==> flow/design.v <==
module my_mpy_rtl #(
    parameter integer DATA_W = 7,
    parameter integer B_WIDTH = 10
) (
    input  wire clk,
    input  wire rst_n,
    input  wire [DATA_W-1:0] i_dataa,
    input  wire [B_WIDTH-1:0] i_datab,
    output wire [DATA_W+B_WIDTH-1:0] o_p
);
    reg [DATA_W-1:0] dataa_q;
    reg [B_WIDTH-1:0] datab_q;
    assign o_p = dataa_q * datab_q;
    always @(posedge clk or negedge rst_n) begin
        if (!rst_n) begin
            dataa_q <= 0;
            datab_q <= 0;
        end else begin
            dataa_q <= i_dataa;
            datab_q <= i_datab;
        end
    end
endmodule
* From RTL to reports: my_mpy_rtl
What the tools print for my_mpy_rtl, step after step.
Lines are those of the file above, counted from 1.
Cell names lack the library's common part.
Not given: n/a
- Design top :: my_mpy_rtl
- Clock port :: clk
- Library :: sky130hd
- Timing corner :: tt_025C_1v80

* After elaboration
Counts by Yosys on the flattened word-level netlist (proc, flatten, opt, wreduce; memories kept). Register bits leave out memories and registers merged into their read ports (data or address); mux counts leave out enables and synchronous resets folded into registers. Print and check cells are left out. Cells with the same type and inputs are merged into one.
- Flip-flop bits (word level) :: 17
- Input bits :: 19
- $mul :: 1
** Operator list (count)
- multiplier 7 x 10 -> 17 bit :: 1

* Longest topological paths
Yosys ltp: most cells in a row. Word level: on the elaborated netlist, between registers, memories and ports. Mapped: between sequential cells and ports; inverters and the memories' decode and read muxes count.
- Word-level depth :: 1
- ABC_AREA :: 0
- Mapped depth :: 15
- Mapped depth without buffers :: 15

* Mapped cells and area
Yosys stat after the flow's synthesis: flattened, memories mapped to cells. It holds for the ABC_AREA given above (unset counts as 0); a run with the other value may have another netlist.
The area totals of this step are shown rounded.
** Cells by type
- fa_1 :: count 39, area in all 780.749 µm²
- ha_1 :: count 35, area in all 437.92 µm²
- dfrtp_1 :: count 17, area in all 425.408 µm²
- and2_1 :: count 56, area in all 350.336 µm²
- inv_1 :: count 42, area in all 157.651 µm²
- nand2_1 :: count 22, area in all 82.579 µm²
- a221oi_4 :: count 2, area in all 52.55 µm²
- xnor2_1 :: count 6, area in all 52.55 µm²
- a21oi_1 :: count 9, area in all 45.043 µm²
- xor2_1 :: count 5, area in all 43.792 µm²
- a2111oi_4 :: count 1, area in all 27.526 µm²
- nor2_1 :: count 7, area in all 26.275 µm²
- a21o_1 :: count 3, area in all 22.522 µm²
- and3_2 :: count 3, area in all 22.522 µm²
- nor3_1 :: count 4, area in all 20.019 µm²
- o21ai_0 :: count 4, area in all 20.019 µm²
- a21o_2 :: count 2, area in all 17.517 µm²
- o22a_4 :: count 1, area in all 17.517 µm²
Other cell types: 14; their cells: 17.
- Standard cells after synthesis :: 275
- Synthesis area :: 2700 µm²
- Flip-flops :: 17
- Buffers :: 2

* Timing after synthesis
OpenSTA on the mapped netlist: ideal clock, no wires. The path of least setup slack (recovery checks aside). Input and output delay are each 20% of the period. Register names are those of the netlist, which keeps one name where synthesis merged equal registers.
- Path kind :: register -> output
- Start point :: reg dataa_q[3]
- End point :: out o_p[16]
- Period :: 6.82 ns
- External output delay :: 1.364 ns
- Launch time at the first pin :: 0.000 ns
- Arrival time :: 4.362 ns
- Required time :: 5.456 ns
- Slack :: 1.094 ns
- Delay of the path :: 4.362 ns
- Driving pins on the path :: 16
- Path buffers :: 0
- Synthesis period reached :: 5.726 ns
"delay of the path" = arrival - input delay + setup time.
At an output port there is no setup time.
"driving pins on the path" counts driving pins, that of a launching flip-flop among them; a cell with two outputs on the path counts twice.
"synthesis period reached" is the clock period less the worst setup slack; recovery checks do not enter. This is arithmetic on one report: input and output delays are still those of the set period (20% each).
Between the ends stands the longest chain of elaborated cells between them, by number of cells; it is not shown to be the way that was timed. Of several equally long chains one is given.
Each line given opens the expression or statement behind the cell; cells for indexed reads and writes are added by Yosys, which also makes memories of some case tables.
- Cell sequence :: dfrtp_1 and2_1 fa_1 inv_1 fa_1 inv_1 fa_1 inv_1 fa_1 inv_1 ha_1 a21o_1 a221oi_4 o22a_4 o221ai_2 a2111oi_4
- Length of the longest elaborated chain :: 1
- Elaborated cells on any way between the ends :: 1
** RTL lines, path post-synthesis
- start, declared :: line 11 : reg [DATA_W-1:0] dataa_q;
- start, assigned :: line 16 : dataa_q <= 0;
- start, assigned :: line 19 : dataa_q <= i_dataa;
- multiplier 7 x 10 -> 17 bit :: line 13 : assign o_p = dataa_q * datab_q;
- end, declared :: line 9 : output wire [DATA_W+B_WIDTH-1:0] o_p

* Path in the finished layout
Path of least setup slack in the final report of job 3 (OpenROAD, finished layout, wires in). Where an end is a register, its clock arrival counts in the times.
- Path kind :: register -> output
- Start point :: reg datab_q[3]
- End point :: out o_p[9]
- Period :: 6.82 ns
- External output delay :: 1.36 ns
- Launch time at the first pin :: 0.24 ns
- Arrival time :: 5.19 ns
- Required time :: 5.46 ns
- Slack :: 0.26 ns
- Driving pins on the path :: 17
- Path buffers :: 1
Between the ends stands the longest chain of elaborated cells between them, by number of cells; it is not shown to be the way that was timed. Of several equally long chains one is given.
- Cell sequence :: dfrtp_1 and2_1 fa_1 inv_1 fa_1 inv_1 fa_1 inv_1 fa_1 inv_1 ha_1 a21o_1 a31oi_2 a21boi_0 or4_1 nand3_1 clkdlybuf4s50_1
- Length of the longest elaborated chain :: 1
- Elaborated cells on any way between the ends :: 1
** RTL lines, path after layout
- start, declared :: line 12 : reg [B_WIDTH-1:0] datab_q;
- start, assigned :: line 17 : datab_q <= 0;
- start, assigned :: line 20 : datab_q <= i_datab;
- multiplier 7 x 10 -> 17 bit :: line 13 : assign o_p = dataa_q * datab_q;
- end, declared :: line 9 : output wire [DATA_W+B_WIDTH-1:0] o_p

# Flow runs of my_mpy_rtl

Settings and measured results of 3 stored flow runs for module my_mpy_rtl (sky130hd), not sorted in any way. The constraints put input and output delay at 20% of the set period each and load the outputs with 0.01 pF.
"clock period achieved" is the run's clock period less its worst setup slack. It is reckoned from that one timing run; input and output delays stay at 20% of the period that was set.
"allowed time less slack (worst setup path)" means the part of the period allowed to the worst setup path (the constraints hold back 20% at inputs and 20% at outputs) less its slack; where the path has registers, the arrival times of their clocks count too.
By "overall power" is meant OpenSTA's value without simulated activity: inputs other than the clock are taken to toggle once in ten clock periods, and the tool carries that through the logic.
Measured values are rounded.

* Job 1
** Files
==> flow/run.sh <==
#!/bin/bash
# the make line also repeats the synthesis and layout settings of config.mk as NAME=value (left out here)
make -C /OpenROAD-flow-scripts/flow DESIGN_CONFIG=/design/flow/config.mk WORK_HOME=/design/flow/orfs CLKGATE_MAP_FILE= finish
==> flow/config.mk <==
export PLATFORM = sky130hd
export DESIGN_NAME = my_mpy_rtl
export DESIGN_NICKNAME = my_mpy_rtl
export VERILOG_FILES = /design/flow/design.v
export SDC_FILE = /design/flow/constraint.sdc
export NUM_CORES = 4
export LEC_CHECK = 0
export CAP_MARGIN = 20
export CELL_PAD_IN_SITES_DETAIL_PLACEMENT = 0
export CELL_PAD_IN_SITES_GLOBAL_PLACEMENT = 2
export CORE_MARGIN = 2
export CORE_UTILIZATION = 63
export CTS_CLUSTER_SIZE = 10
export MAX_ROUTING_LAYER = met4
export SETUP_SLACK_MARGIN = 0.97
export SLEW_MARGIN = 35
==> flow/constraint.sdc <==
create_clock -name core_clock -period 5.95 [get_ports {clk}]
set_input_delay 1.1900 -clock core_clock [delete_from_list [all_inputs] [get_ports {clk}]]
set_output_delay 1.1900 -clock core_clock [all_outputs]
set_load 0.01 [all_outputs]
** Results
Unfinished; error GPL-0301 in placement.

* Job 2
** Files
==> flow/run.sh <==
#!/bin/bash
# the make line also repeats the synthesis and layout settings of config.mk as NAME=value (left out here)
make -C /OpenROAD-flow-scripts/flow DESIGN_CONFIG=/design/flow/config.mk WORK_HOME=/design/flow/orfs CLKGATE_MAP_FILE= finish
==> flow/config.mk <==
export PLATFORM = sky130hd
export DESIGN_NAME = my_mpy_rtl
export DESIGN_NICKNAME = my_mpy_rtl
export VERILOG_FILES = /design/flow/design.v
export SDC_FILE = /design/flow/constraint.sdc
export NUM_CORES = 4
export LEC_CHECK = 0
export ABC_AREA = 0
export CAP_MARGIN = 0
export CELL_PAD_IN_SITES_GLOBAL_PLACEMENT = 1
export CORE_MARGIN = 9
export CORE_UTILIZATION = 61
export CTS_CLUSTER_SIZE = 97
export PLACE_DENSITY_LB_ADDON = 0.11
export SLEW_MARGIN = 20
==> flow/constraint.sdc <==
create_clock -name core_clock -period 5.88 [get_ports {clk}]
set_input_delay 1.1760 -clock core_clock [delete_from_list [all_inputs] [get_ports {clk}]]
set_output_delay 1.1760 -clock core_clock [all_outputs]
set_load 0.01 [all_outputs]
** Results
Unfinished; error FLW-0024 in placement.

* Job 3
** Files
==> flow/run.sh <==
#!/bin/bash
# the make line also repeats the synthesis and layout settings of config.mk as NAME=value (left out here)
make -C /OpenROAD-flow-scripts/flow DESIGN_CONFIG=/design/flow/config.mk WORK_HOME=/design/flow/orfs CLKGATE_MAP_FILE= finish
==> flow/config.mk <==
export PLATFORM = sky130hd
export DESIGN_NAME = my_mpy_rtl
export DESIGN_NICKNAME = my_mpy_rtl
export VERILOG_FILES = /design/flow/design.v
export SDC_FILE = /design/flow/constraint.sdc
export NUM_CORES = 4
export LEC_CHECK = 0
export CAP_MARGIN = 20
export CORE_MARGIN = 2
export CORE_UTILIZATION = 40
export SLEW_MARGIN = 20
==> flow/constraint.sdc <==
create_clock -name core_clock -period 6.82 [get_ports {clk}]
set_input_delay 1.3640 -clock core_clock [delete_from_list [all_inputs] [get_ports {clk}]]
set_output_delay 1.3640 -clock core_clock [all_outputs]
set_load 0.01 [all_outputs]
** Results
- Overall power :: 0.99 mW
- Allowed time less slack (worst setup path) :: 5.19 ns
- Critical path type :: register -> output
- Die area :: 7,500 µm²
- Summed negative setup slack :: 0.000 ns
- Utilization of the finished layout :: 0.48
- Area of the synthesized netlist :: 2,700 µm²
- Setup slack of the critical path :: 0.26 ns
- Standard-cell area of the final layout :: 3,200 µm²
- Clock period achieved :: 6.558 ns
